==> flow/design.v <==
module gen_mul #(
    parameter integer NBITS = 22
) (
    input wire core_clk,
    input wire RSTN,
    input wire [NBITS-1:0] rs1,
    input wire [NBITS-1:0] rs2,
    output wire [2*NBITS-1:0] result
);
    reg [NBITS-1:0] rs1_reg;
    reg [NBITS-1:0] rs2_reg;
    always @(posedge core_clk) begin
        if (~RSTN) begin
            rs1_reg <= 0;
            rs2_reg <= 0;
        end else begin
            rs1_reg <= rs1;
            rs2_reg <= rs2;
        end
    end
    localparam HALF = NBITS / 2;
    wire [NBITS-1:0] ll;
    mul_part #(.N(HALF)) unit (.a(rs1_reg[HALF-1:0]), .b(rs2_reg[HALF-1:0]), .p(ll));
    wire [NBITS-1:0] lh;
    mul_part #(.N(HALF)) u0 (.a(rs1_reg[HALF-1:0]), .b(rs2_reg[NBITS-1:HALF]), .p(lh));
    wire [NBITS-1:0] hl;
    mul_part #(.N(HALF)) u (.a(rs1_reg[NBITS-1:HALF]), .b(rs2_reg[HALF-1:0]), .p(hl));
    wire [NBITS-1:0] hh;
    mul_part #(.N(HALF)) inst (.a(rs1_reg[NBITS-1:HALF]), .b(rs2_reg[NBITS-1:HALF]), .p(hh));
    wire [NBITS:0] part;
    assign part = lh + hl;
    assign result = {hh, ll} + {part, {HALF{1'b0}}};
endmodule
module mul_part #(parameter N = 4) (
    input wire [N-1:0] a,
    input wire [N-1:0] b,
    output wire [2*N-1:0] p
);
    assign p = a * b;
endmodule
### Reports on gen_mul

The steps from the RTL of gen_mul to its reports follow in flow order.
Lines are those of the file above, counted from 1.
Library cell names are shortened.
A cell with -- has no value.

| inputs | value |
|---|---|
| top | gen_mul |
| clock port | core_clk |
| standard-cell library | sky130hd |
| corner | tt_025C_1v80 |

### After elaboration

Source: Yosys, flattened and elaborated, memories not mapped. Widths are those after wreduce; folded enables and synchronous resets count as part of the registers. Registers that Yosys merges into a memory's read port (data or address) are not register bits. Print and check cells do not count. Equal cells are merged and count once.

| storage and ports | value |
|---|---|
| memories kept | 0 |
| bits in registers | 44 |
| clocked read ports x word width | 0 |
| output and inout port bits | 44 |
| memory bits (read-only) | 0 |
| bits in latches | 0 |
| elaborated cells | 8 |
| bits in writable memories | 0 |

| operators by class | value |
|---|---|
| multiply operators | 4 |
| equal/unequal tests | 0 |
| divide/modulo/power cells | 0 |
| bitwise gates (word level) | 0 |
| reductions and logical operators | 0 |
| shift operators | 0 |
| $add $sub $neg | 2 |
| magnitude comparators | 0 |
| muxes and demuxes | 0 |

Operators by type and width:

| kind | number |
|---|---|
| multiplier 11 x 11 -> 22 bit | 4 |
| adder 44 x 34 -> 44 bit | 1 |
| adder 22 x 22 -> 23 bit | 1 |

### Longest topological paths

Yosys ltp: most cells in a row. Word level: on the elaborated netlist, between registers, memories and ports. Mapped: between sequential cells and ports; inverters and the memories' decode and read muxes count.

| logic depth | value |
|---|---|
| depth in word-level cells | 3 |
| ABC_AREA | 0 |
| mapped depth | 32 |

### Mapped cells and area

Yosys stat after the flow's synthesis: flattened, memories mapped to cells. It holds for the ABC_AREA given above (unset counts as 0); a run with the other value may have another netlist.
The area totals of this step are shown rounded.

| synthesis totals | value |
|---|---|
| mapped flip-flops | 44 |
| synthesis area | 18,600 sq um |
| mapped cells | 2,111 |

Cells by type:

| type | number | total area (sq um) |
|---|---|---|
| fa_1 | 360 | 7.21E+03 |
| ha_1 | 255 | 3,190.56 |
| and2_1 | 293 | 1.83E+03 |
| inv_1 | 440 | 1.65E+03 |
| nand2_1 | 271 | 1.02E+03 |
| dfxtp_1 | 44 | 880.845 |
| xnor2_1 | 60 | 525.504 |
| clkbuf_1 | 93 | 349.085 |
| a21oi_1 | 48 | 240.23 |
| a21o_1 | 27 | 202.694 |
| xor2_1 | 21 | 183.926 |
| nor2_1 | 39 | 146.39 |
| o21ai_0 | 23 | 115.11 |
| o21a_1 | 13 | 97.594 |
| nor2b_1 | 12 | 75.072 |
| a211oi_1 | 9 | 67.565 |
| nor3_1 | 13 | 65.062 |
| a2111oi_4 | 2 | 55.053 |

Not listed: further types 41, cells in them 88.
The figures by module come from a second, unflattened synthesis with its own total; it is not the netlist above.

| second synthesis, totals | value |
|---|---|
| cells (unflattened synthesis) | 2,352 |
| area (unflattened synthesis) | 20,000 sq um |

Rows give one instance, submodules left out.

By module:

| module | cells | area (sq um) | seq. area (sq um) | instances |
|---|---|---|---|---|
| mul_part (N=11) | 483 | 4,110 | 0.0 | 4 |
| gen_mul | 420 | 3,610 | 881 | 1 |

### Worst setup path after synthesis

OpenSTA on the mapped netlist: ideal clock, no wires. The path of least setup slack (recovery checks aside). Input and output delay are each 20% of the period. Register names are those of the netlist, which keeps one name where synthesis merged equal registers.

| path after synthesis | value |
|---|---|
| path kind | reg2out |
| start | register rs1_reg[6] |
| end | output port result[36] |
| data arrival time | 7,708 ps |
| buffers on the path | 1 |
| path delay | 7,708 ps |
| external output delay | 2,400 ps |
| driving pins on the path | 29 |
| data required time | 9,600 ps |
| time at the first pin | 0 ps |
| path slack | 1,892 ps |
| clock period | 12,000 ps |
| synthesis period reached | 10,108 ps |

"path delay" = arrival - input delay + setup time.
A path that ends at an output port has no setup time.
"driving pins on the path" counts driving pins, that of a launching flip-flop among them; a cell with two outputs on the path counts twice.
"synthesis period reached" is the clock period less the worst setup slack; recovery checks do not enter. This is arithmetic on one report: input and output delays are still those of the set period (20% each).
Between the ends stands the longest chain of elaborated cells between them, by number of cells; it is not shown to be the way that was timed. Of several equally long chains one is given.
A line is the first line of the expression or statement that the cell stems from. Yosys adds cells for indexed reads and writes and turns some case tables into memories.

| between the ends, after synthesis | value |
|---|---|
| cells stage by stage | dfxtp_1 -> clkbuf_1 -> nand2_1 -> fa_1 -> fa_1 -> fa_1 -> fa_1 -> inv_1 -> fa_1 -> fa_1 -> fa_1 -> ha_1 -> a21o_1 -> a21oi_1 -> nor3b_1 -> nor4_1 -> or3_1 -> a21oi_1 -> xnor2_1 -> ha_1 -> a21oi_1 -> nor2b_1 -> o21ai_0 -> nand2b_1 -> a2111o_1 -> a211oi_2 -> o31ai_1 -> nor3b_1 -> xnor2_1 |
| length of the longest elaborated chain | 3 |

Ends and longest elaborated chain, after synthesis:

| what | RTL line | RTL |
|---|---|---|
| from (decl) | 10 | `reg [NBITS-1:0] rs1_reg;` |
| from (assign) | 14 | `rs1_reg <= 0;` |
| from (assign) | 17 | `rs1_reg <= rs1;` |
| multiplier 11 x 11 -> 22 bit | 39 | `assign p = a * b;` |
| adder 22 x 22 -> 23 bit | 31 | `assign part = lh + hl;` |
| adder 44 x 34 -> 44 bit | 32 | `assign result = {hh, ll} + {part, {HALF{1'b0}}};` |
| to (decl) | 8 | `output wire [2*NBITS-1:0] result` |

### Path in the finished layout

From the final timing report of stored run 1: the path of least setup slack in the routed layout; clock arrival at registers is part of the times.
The path's times are printed in steps of 10 ps; the period is the one set.

| path after layout | value |
|---|---|
| path kind | reg2out |
| start | register rs1_reg[6] |
| end | output port result[36] |
| data arrival time | 9,190 ps |
| external output delay | 2,400 ps |
| driving pins on the path | 29 |
| time at the first pin | 330 ps |
| data required time | 9,600 ps |
| buffers on the path | 1 |
| clock period | 12,000 ps |
| path slack | 410 ps |

Between the ends stands the longest chain of elaborated cells between them, by number of cells; it is not shown to be the way that was timed. Of several equally long chains one is given.

| between the ends, after layout | value |
|---|---|
| cells stage by stage | dfxtp_1 -> nand2_1 -> fa_1 -> fa_1 -> fa_1 -> fa_1 -> inv_1 -> fa_1 -> fa_1 -> fa_1 -> ha_1 -> a21o_1 -> a21oi_1 -> nor3b_1 -> nor4_1 -> or3_1 -> a21oi_1 -> xnor2_1 -> ha_1 -> a21oi_1 -> nor2b_1 -> o21ai_0 -> nand2b_1 -> a2111o_1 -> a211oi_4 -> o31ai_2 -> nor3b_1 -> xnor2_1 -> clkdlybuf4s50_1 |
| length of the longest elaborated chain | 3 |

Ends and longest elaborated chain, after layout:

| what | RTL line | RTL |
|---|---|---|
| from (decl) | 10 | `reg [NBITS-1:0] rs1_reg;` |
| from (assign) | 14 | `rs1_reg <= 0;` |
| from (assign) | 17 | `rs1_reg <= rs1;` |
| multiplier 11 x 11 -> 22 bit | 39 | `assign p = a * b;` |
| adder 22 x 22 -> 23 bit | 31 | `assign part = lh + hl;` |
| adder 44 x 34 -> 44 bit | 32 | `assign result = {hh, ll} + {part, {HALF{1'b0}}};` |
| to (decl) | 8 | `output wire [2*NBITS-1:0] result` |

Hand-over note for gen_mul

Below are 3 stored runs of the flow (Yosys, OpenROAD; platform sky130hd) on gen_mul, each with its settings and what was measured, unordered. Constraints: input delay and output delay 20% of the set period each, output load 0.01 pF.
"period achieved" means the clock period less the worst setup slack. The figure is calculated, with input and output delays left at 20% of the set period.
"time of the worst setup path" means the part of the period allowed to the worst setup path (the constraints hold back 20% at inputs and 20% at outputs) less its slack; where the path has registers, the arrival times of their clocks count too.
"time of the worst setup path" is given in steps of 10 ps.
Values from the reports are rounded here.
Among the settings, -- means not set for that run.

| run name | period_ns | CAP_MARGIN | CORE_MARGIN | CORE_UTILIZATION | SLEW_MARGIN | PLACE_DENSITY | CELL_PAD_IN_SITES_GLOBAL_PLACEMENT | TNS_END_PERCENT | GPL_TIMING_DRIVEN | MIN_ROUTING_LAYER | SETUP_SLACK_MARGIN | PLACE_DENSITY_LB_ADDON | CORE_ASPECT_RATIO | GPL_ROUTABILITY_DRIVEN | lowest setup slack (ps) | period achieved (ps) | netlist area reported by Yosys (sq um) | final utilization (%) | time of the worst setup path (ps) | kind of the worst setup path | full die area (sq um) |
|---|---|---|---|---|---|---|---|---|---|---|---|---|---|---|---|---|---|---|---|---|---|
| stored run 1 | 12.0 | 20 | 2 | 40 | 20 | -- | -- | -- | -- | -- | -- | -- | -- | -- | 406 | 11,594 | 18,600 | 44.8 | 9,190 | reg2out | 48,200 |
| stored run 2 | 6.87 | 20 | 4 | 20 | 20 | 0.48 | 2 | 45 | 0 | met2 | -- | -- | -- | -- | -3,150 | 10,024 | 18,600 | 25.4 | 8,650 | reg2out | 97,900 |
| stored run 3 | 15.5 | 20 | 4 | 27 | 20 | -- | -- | -- | 0 | met1 | 1.41 | 0.17 | 0.64 | 1 | 2,030 | 13,474 | 18,600 | 30.7 | 10,370 | reg2out | 73,200 |

End of note.
